==> flow/design.v <==
module my_mul_core_blk #(
  parameter int DWIDTH = 4,
  parameter int COEF = 2731,
  parameter int OUT_W = DWIDTH + $clog2(COEF + 1)
) (
  input  logic core_clk,
  input  logic aresetn,
  input  logic [DWIDTH-1:0] opa,
  output logic [OUT_W-1:0] p
);
  logic [DWIDTH-1:0] opa_r;
  always_ff @(posedge core_clk or negedge aresetn) begin
    if (~aresetn) begin
      opa_r <= '0;
    end else begin
      opa_r <= opa;
    end
  end
  assign p = opa_r * COEF;
endmodule
Wiki page: my_mul_core_blk / tool data

* Step by step through the tools: my_mul_core_blk
Tool output for the members of one design family, told apart by "DWIDTH", in the order of the flow. The file above is the member DWIDTH = 4. Line numbers count from 1 in each member's own file. Cell names lack the library's common part. Not given: -
Design: top my_mul_core_blk, clock core_clk, standard-cell library sky130hd, corner tt_025C_1v80

* Source of the members
Lines of each other member's file that are new or changed against the file above; lines that a member lacks are not shown.
New or changed lines:
- DWIDTH 16 | line 2 | parameter int DWIDTH = 16,
- DWIDTH 18 | line 2 | parameter int DWIDTH = 18,
- DWIDTH 24 | line 2 | parameter int DWIDTH = 24,
- DWIDTH 36 | line 2 | parameter int DWIDTH = 36,

* Word-level counts
Yosys after proc, flatten, opt, wreduce and memory -nomap, before mapping. Enables and synchronous resets that opt folds into registers are not counted as muxes. Memory bits, and registers merged into a memory's read port (data or address), are not among the register bits. Print and check cells are not counted. Equal cells are merged and count once.
Storage and ports:
- DWIDTH 4 | input port bits 6, bits in registers 4, word-level cells 2
- DWIDTH 16 | input port bits 18, bits in registers 16, word-level cells 2
- DWIDTH 18 | input port bits 20, bits in registers 18, word-level cells 2
- DWIDTH 24 | input port bits 26, bits in registers 24, word-level cells 2
- DWIDTH 36 | input port bits 38, bits in registers 36, word-level cells 2
Operators by class (multiply operators):
- DWIDTH 4 | 1
- DWIDTH 16 | 1
- DWIDTH 18 | 1
- DWIDTH 24 | 1
- DWIDTH 36 | 1
Operator list (kind and count):
- DWIDTH 4 | 4-bit by 12-bit multiplier with 16-bit output with constant B: 1
- DWIDTH 16 | 16-bit by 12-bit multiplier with 28-bit output with constant B: 1
- DWIDTH 18 | 18-bit by 12-bit multiplier with 30-bit output with constant B: 1
- DWIDTH 24 | 24-bit by 12-bit multiplier with 36-bit output with constant B: 1
- DWIDTH 36 | 36-bit by 12-bit multiplier with 48-bit output with constant B: 1

* Longest topological paths
Longest topological path by Yosys (ltp), each cell counted once; first at word level (registers and memories cut), then after technology mapping (sequential cells cut; the memories' decode and read muxes count).
Depth:
- DWIDTH 4 | word-level depth 1, ABC_AREA 0, gate-level depth with buffers 8
- DWIDTH 16 | word-level depth 1, ABC_AREA 0, gate-level depth with buffers 17
- DWIDTH 18 | word-level depth 1, ABC_AREA 0, gate-level depth with buffers 18
- DWIDTH 24 | word-level depth 1, ABC_AREA 0, gate-level depth with buffers 19
- DWIDTH 36 | word-level depth 1, ABC_AREA 0, gate-level depth with buffers 19

* Netlist
Yosys stat after the flow's synthesis: flattened, memories mapped to cells. It holds for the ABC_AREA given above (unset counts as 0); a run with the other value may have another netlist.
Cell types (type and count):
- DWIDTH 4 | ha_1: 11; dfrtp_1: 4; fa_1: 2; xnor2_1: 4; mux2i_1: 3; a31o_1: 3; xor2_1: 3; buf_6: 2; inv_1: 6; a211oi_2: 1; a221o_1: 1; and4_2: 1; nor3_1: 2; a21oi_2: 1; and4_1: 1; a211oi_1: 1; a21o_1: 1; buf_4: 1; [+5]
- DWIDTH 16 | ha_1: 102; fa_1: 59; inv_1: 145; dfrtp_1: 16; a21oi_1: 22; xnor2_1: 10; xor2_1: 9; a21o_1: 8; o21ai_0: 12; nand2_1: 14; nor2_1: 14; o31ai_1: 4; a311oi_1: 3; nand3_1: 5; nor2b_1: 4; and3_1: 3; o2111ai_1: 2; o311ai_0: 2; [+35]
- DWIDTH 18 | fa_1: 69; ha_1: 109; inv_1: 152; dfrtp_1: 18; xnor2_1: 18; a21oi_1: 21; xor2_1: 8; nand2_1: 18; o21ai_0: 13; nor2_1: 17; a21o_1: 7; nand3_1: 8; a211oi_1: 5; nand4_1: 6; o211ai_2: 3; and2_1: 4; o21a_1: 3; o41ai_2: 1; [+44]
- DWIDTH 24 | fa_1: 99; ha_1: 133; inv_1: 212; dfrtp_1: 24; xnor2_1: 19; a21oi_1: 32; nand2_1: 29; xor2_1: 12; o21ai_0: 16; nor2_1: 21; a21o_1: 10; a31oi_4: 2; nand3_1: 8; a211oi_2: 3; and3_1: 6; o211ai_1: 5; o21bai_1: 5; clkbuf_1: 9; [+43]
- DWIDTH 36 | fa_1: 161; ha_1: 180; inv_1: 332; dfrtp_1: 36; a21oi_1: 50; xnor2_1: 28; a21o_1: 23; nand2_1: 39; o21bai_1: 14; nand4_1: 16; xor2_1: 10; a31oi_1: 11; nor2_1: 18; o21ai_0: 13; buf_4: 7; a211o_1: 5; and3_1: 7; clkbuf_1: 9; [+74]
A list marked [+n] leaves out that many cells.
Synthesis totals:
- DWIDTH 4 | sequential part of the area 100.1 µm², cell area after synthesis 549.3 µm², standard cells after synthesis 53, flip-flop cells 4
- DWIDTH 16 | sequential part of the area 400.4 µm², cell area after synthesis 4334.2 µm², standard cells after synthesis 469, flip-flop cells 16
- DWIDTH 18 | sequential part of the area 450.4 µm², cell area after synthesis 4895.9 µm², standard cells after synthesis 524, flip-flop cells 18
- DWIDTH 24 | sequential part of the area 600.6 µm², cell area after synthesis 6439.9 µm², standard cells after synthesis 688, flip-flop cells 24
- DWIDTH 36 | sequential part of the area 900.9 µm², cell area after synthesis 9703.1 µm², standard cells after synthesis 1033, flip-flop cells 36

* Worst setup path after synthesis
OpenSTA on the mapped netlist: ideal clock, no wires. The path of least setup slack (recovery checks aside). Input and output delay are each 20% of the period. Register names are those of the netlist, which keeps one name where synthesis merged equal registers.
Path after synthesis:
- DWIDTH 4 | path type register -> output, from register opa_r[2], to output port p[14], path delay 2.188 ns, driving pins on the path 9, path slack 0.548 ns, clock period 3.42 ns, synthesis period reached 2.872 ns
- DWIDTH 16 | path type register -> output, from register opa_r[5], to output port p[27], path delay 4.534 ns, driving pins on the path 17, path slack 1.130 ns, clock period 7.08 ns, synthesis period reached 5.95 ns
- DWIDTH 18 | path type register -> output, from register opa_r[4], to output port p[27], path delay 4.361 ns, driving pins on the path 18, path slack 1.087 ns, clock period 6.81 ns, synthesis period reached 5.723 ns
- DWIDTH 24 | path type register -> output, from register opa_r[4], to output port p[30], path delay 4.707 ns, driving pins on the path 18, path slack 1.173 ns, clock period 7.35 ns, synthesis period reached 6.177 ns
- DWIDTH 36 | path type register -> output, from register opa_r[7], to output port p[37], path delay 4.787 ns, driving pins on the path 18, path slack 1.197 ns, clock period 7.48 ns, synthesis period reached 6.283 ns
"path delay" is the arrival time less input delay plus setup time. A path that ends at an output port has no setup time. "driving pins on the path" counts driving pins, that of a launching flip-flop among them; a cell with two outputs on the path counts twice. "synthesis period reached" = period - worst setup slack (recovery checks aside). The figure is calculated, with input and output delays left at 20% of the set period. The rows between start and end are the longest chain of elaborated cells between them; the timing report does not say that the signal goes this way. Where chains are equally long, one stands for them. A line is the first line of the expression or statement that the cell stems from. Yosys adds cells for indexed reads and writes and turns some case tables into memories.
Between the ends, after synthesis, DWIDTH = 4: length of the longest elaborated chain 1
RTL lines, path after synthesis, DWIDTH = 4:
- start, declared | line 11 | logic [DWIDTH-1:0] opa_r;
- start, assigned | line 14 | opa_r <= '0;
- start, assigned | line 16 | opa_r <= opa;
- 4-bit by 12-bit multiplier with 16-bit output | line 19 | assign p = opa_r * COEF;
- end, declared | line 9 | output logic [OUT_W-1:0] p
Between the ends, after synthesis, DWIDTH = 36: length of the longest elaborated chain 1
RTL lines, path after synthesis, DWIDTH = 36:
- start, declared | line 11 | logic [DWIDTH-1:0] opa_r;
- start, assigned | line 14 | opa_r <= '0;
- start, assigned | line 16 | opa_r <= opa;
- 36-bit by 12-bit multiplier with 48-bit output | line 19 | assign p = opa_r * COEF;
- end, declared | line 9 | output logic [OUT_W-1:0] p

* Timing after layout
Path of least setup slack in the final report of each member's run (OpenROAD, finished layout, wires in). Where an end is a register, its clock arrival counts in the times.
Path after layout:
- DWIDTH 4 | path type register -> output, from register opa_r[3], to output port p[14], clock period 3.42 ns, data arrival time 2.55 ns, driving pins on the path 10, path slack 0.18 ns
- DWIDTH 16 | path type register -> output, from register opa_r[4], to output port p[20], clock period 7.08 ns, data arrival time 5.50 ns, driving pins on the path 17, path slack 0.16 ns
- DWIDTH 18 | path type register -> output, from register opa_r[5], to output port p[29], clock period 6.81 ns, data arrival time 5.25 ns, driving pins on the path 18, path slack 0.20 ns
- DWIDTH 24 | path type register -> output, from register opa_r[8], to output port p[35], clock period 7.35 ns, data arrival time 5.66 ns, driving pins on the path 19, path slack 0.22 ns
- DWIDTH 36 | path type register -> output, from register opa_r[6], to output port p[34], clock period 7.48 ns, data arrival time 5.76 ns, driving pins on the path 20, path slack 0.23 ns

* Layout results
One run of the flow (Yosys, OpenROAD) for each member, with settings and measured results. Input and output delays are each 20% of the period that was set; the output load is 0.01 pF.
Flow settings: CAP_MARGIN 20, CORE_MARGIN 2, CORE_UTILIZATION 40, SLEW_MARGIN 20
Settings that differ (period_ns):
- DWIDTH 4 | 3.42
- DWIDTH 16 | 7.08
- DWIDTH 18 | 6.81
- DWIDTH 24 | 7.35
- DWIDTH 36 | 7.48
Measured results:
- DWIDTH 4 | worst setup slack after layout 0.182 ns, achieved clock period 3.238 ns, std-cell area (final layout) 845.8 µm², die size 1685.5 µm², final setup TNS 0.000 ns, mapped cell area after synthesis 549.3 µm², utilization after layout 0.658
- DWIDTH 16 | worst setup slack after layout 0.163 ns, achieved clock period 6.917 ns, std-cell area (final layout) 5029.8 µm², die size 11684.5 µm², final setup TNS 0.000 ns, mapped cell area after synthesis 4334.2 µm², utilization after layout 0.47
- DWIDTH 18 | worst setup slack after layout 0.197 ns, achieved clock period 6.613 ns, std-cell area (final layout) 5719.2 µm², die size 13141.2 µm², final setup TNS 0.000 ns, mapped cell area after synthesis 4895.9 µm², utilization after layout 0.478
- DWIDTH 24 | worst setup slack after layout 0.221 ns, achieved clock period 7.129 ns, std-cell area (final layout) 7477.2 µm², die size 17130.9 µm², final setup TNS 0.000 ns, mapped cell area after synthesis 6439.9 µm², utilization after layout 0.472
- DWIDTH 36 | worst setup slack after layout 0.226 ns, achieved clock period 7.254 ns, std-cell area (final layout) 11188.2 µm², die size 25520.1 µm², final setup TNS 0.000 ns, mapped cell area after synthesis 9703.1 µm², utilization after layout 0.474
"achieved clock period" means the clock period less the worst setup slack. The figure is calculated, with input and output delays left at 20% of the set period.
